==> flow/design.v <==
module u_add_core #(
  parameter WD = 72
) (
  input ck,
  input [WD-1:0] x_in,
  input [WD-1:0] y_in,
  input [WD-1:0] z_in,
  output [WD+1:0] result_out
);
  wire [WD-1:0] nxt = x_in ^ y_in ^ z_in;
  wire [WD-1:0] cc = (x_in & y_in) | (x_in & z_in) | (y_in & z_in);
  reg [WD+1:0] r_result;
  always @(posedge ck) begin
    r_result <= nxt + {cc, 1'b0};
  end
  assign result_out = r_result;
endmodule
# From RTL to reports: u_add_core
# What the tools print for u_add_core, step after step.
# Line numbers count from 1 in the design file above.
# Operators: Yosys type, input widths -> output width; for muxes data width and select width s.
# Library cell names are shortened.
# A cell with - has no value.
# setup
top	u_add_core
clock	ck
library	sky130hd
lib_corner	tt_025C_1v80

# Elaborated design
# Source: Yosys, flattened and elaborated, memories not mapped. Widths are those after wreduce; folded enables and synchronous resets count as part of the registers. Registers that Yosys merges into a memory's read port (data or address) are not register bits. Print and check cells do not count. Equal cells are merged and count once.
# op_classes
add_sub_neg	1
n_logic	7
# ops
op	count
$and 72x72->72	3
$or 72x72->72	2
$xor 72x72->72	2
$add 72x73->74	1
# word_totals
output_inout_bits	74
inputBits	217
regBits	74
elab_cells	9

# Logic depth
# Longest topological path by Yosys (ltp), each cell counted once; first at word level (registers and memories cut), then after technology mapping (sequential cells cut; the memories' decode and read muxes count).
# depth
depth_word	4
ABC_AREA	0
depth_mapped	15
mapped_depth_nobuf	15

# Netlist
# Yosys stat after the flow's synthesis: flattened, memories mapped to cells. It holds for the ABC_AREA given above (unset counts as 0); a run with the other value may have another netlist.
# The area totals of this step are shown rounded.
# types
type	count	area_total_um2
dfxtp_1	74	1.48E+03
fa_1	73	1.46E+03
ha_1	71	888.352
a21oi_1	99	495.475
xnor2_1	44	385.37
a21o_1	45	337.824
nand2_1	70	262.752
xor2_1	26	227.718
o21ai_0	40	200.192
nor2_1	43	161.405
o21bai_1	16	120.115
nand4_1	19	118.864
inv_1	30	112.608
nand3_1	15	75.072
nor2b_1	12	75.072
clkbuf_1	17	63.811
buf_2	11	55.053
a221oi_4	2	52.55
# Other cell types: 43; their cells: 93.
# synth_totals
ffs	74
mapped_area_um2	7302
n_buf	30
sequential_area_um2	1481
mapped_cells	800

# Timing after synthesis
# Source: OpenSTA report_checks on the synthesized netlist (no wires, ideal clock, input and output delay 20% of the period each), path of least setup slack; recovery checks are left aside. Register names are those of the netlist, which keeps one name where synthesis merged equal registers.
# synth_path
path_type	input to register
start	in x_in[1]
end	reg r_result[67]
path_delay_ns	3.163
in_delay_ns	0.988
stages	13
required_ns	4.814
path_buffers	0
setup_time_ns	0.126
arrival_time_ns	4.025
setup_slack_ns	0.789
tclk_ns	4.94
t_first_pin_ns	0.988
synth_period_reached_ns	4.151
# "path_delay_ns" is the arrival time less input delay plus setup time.
# "stages": output pins that drive a net of the path, with the launching flip-flop's if there is one; two outputs of one cell count as two.
# "synth_period_reached_ns" = period - worst setup slack (recovery checks aside). The figure is calculated, with input and output delays left at 20% of the set period.
# The rows between start and end are the longest chain of elaborated cells between them; the timing report does not say that the signal goes this way. Where chains are equally long, one stands for them.
# A line is the first line of the expression or statement that the cell stems from. Yosys adds cells for indexed reads and writes and turns some case tables into memories.
# synth_via
cell_sequence	fa_1 -> ha_1 -> fa_1 -> a21o_1 -> a221oi_4 -> a2111oi_2 -> o311a_1 -> nand4b_4 -> a21oi_4 -> o31ai_4 -> a41oi_1 -> o21bai_1 -> xor2_1
elab_chain_cells	4
cells_between	7
cone_lines	3
cone_classes	1 x add/sub; 6 x logic
# synth_rtl
element	line_no	source
start, declared	5	input [WD-1:0] x_in,
$and 72x72->72	11	wire [WD-1:0] cc = (x_in & y_in) | (x_in & z_in) | (y_in & z_in);
$or 72x72->72 x2	11
$add 72x73->74	14	r_result <= nxt + {cc, 1'b0};
end, assigned	14
end, declared	12	reg [WD+1:0] r_result;

# Timing after layout
# From the final timing report of record 1: the path of least setup slack in the routed layout; clock arrival at registers is part of the times.
# layout_path
path_type	input to register
start	in x_in[1]
end	reg r_result[47]
tclk_ns	3.96
setup_time_ns	0.11
t_first_pin_ns	0.79
path_buffers	2
in_delay_ns	0.79
stages	15
setup_slack_ns	-0.07
required_ns	4.20
arrival_time_ns	4.26
# The rows between start and end are the longest chain of elaborated cells between them; the timing report does not say that the signal goes this way. Where chains are equally long, one stands for them.
# layout_via
cell_sequence	buf_6 -> fa_1 -> ha_4 -> fa_2 -> a21o_1 -> a221oi_4 -> buf_4 -> a2bb2oi_4 -> a21o_1 -> a21o_1 -> a31o_4 -> a221oi_4 -> o21ai_4 -> a21oi_2 -> xnor2_1
elab_chain_cells	4
cells_between	7
cone_lines	3
cone_classes	1 x add/sub; 6 x logic
# layout_rtl
element	line_no	source
start, declared	5	input [WD-1:0] x_in,
$and 72x72->72	11	wire [WD-1:0] cc = (x_in & y_in) | (x_in & z_in) | (y_in & z_in);
$or 72x72->72 x2	11
$add 72x73->74	14	r_result <= nxt + {cc, 1'b0};
end, assigned	14
end, declared	12	reg [WD+1:0] r_result;

# Measured data: module u_add_core, platform sky130hd, 3 stored runs of the flow under differing settings, order arbitrary. Input and output delays are each 20% of the period that was set; the output load is 0.01 pF.
# "achievedPeriod_ns" = clock period - worst setup slack. The figure is calculated, with input and output delays left at 20% of the set period.
# "worst_setup_path_time_ns" = time allowed to the worst setup path (clock period - input delay - output delay, where it has them) - its slack; a late launch clock adds to it, a late capture clock takes from it.
# "power_total_mw": no workload was simulated; the value follows from the tool's default switching activity.
# The results are shown rounded.
# Settings: . = not set for that run.
# Results: . = not shown.
run	period_ns	CORE_UTILIZATION	SETUP_SLACK_MARGIN	PLACE_DENSITY_LB_ADDON	HOLD_SLACK_MARGIN	CORE_MARGIN	CELL_PAD_IN_SITES_GLOBAL_PLACEMENT	CELL_PAD_IN_SITES_DETAIL_PLACEMENT	GPL_TIMING_DRIVEN	GPL_ROUTABILITY_DRIVEN	CTS_CLUSTER_DIAMETER	MIN_ROUTING_LAYER	CAP_MARGIN	SLEW_MARGIN	PLACE_DENSITY	CORE_ASPECT_RATIO	ABC_AREA	CTS_CLUSTER_SIZE	timing.setup.ws_ns	worst_setup_path_time_ns	timing.worst_path_kind	power_total_mw	achievedPeriod_ns	dieArea_um2	fin_tns_ns	utilization_pct	hold_ws_ns	synthesis_area_um2	final_stdcell_area_um2
record 1	3.96	23	0.58	0.24	0.17	2	0	1	0	1	45	met1	20	20	.	.	.	.	-0.067	3.23	input to register	6.687	4.027	33190	-0.146	43.2	0.883	7302	13570
record 2	4.94	40	.	.	.	2	.	.	.	.	.	.	20	20	.	.	.	.	0.361	3.59	input to register	4.255	4.579	19350	0.000	60.1	1.345	7302	10800
record 3	2.47	65	.	.	.	2	.	.	1	.	216	met1	20	20	0.86	0.51	0	31	.	.	.	.	.	.	.	.	.	.	.
# Record 3: incomplete, placement halted on GPL-0301
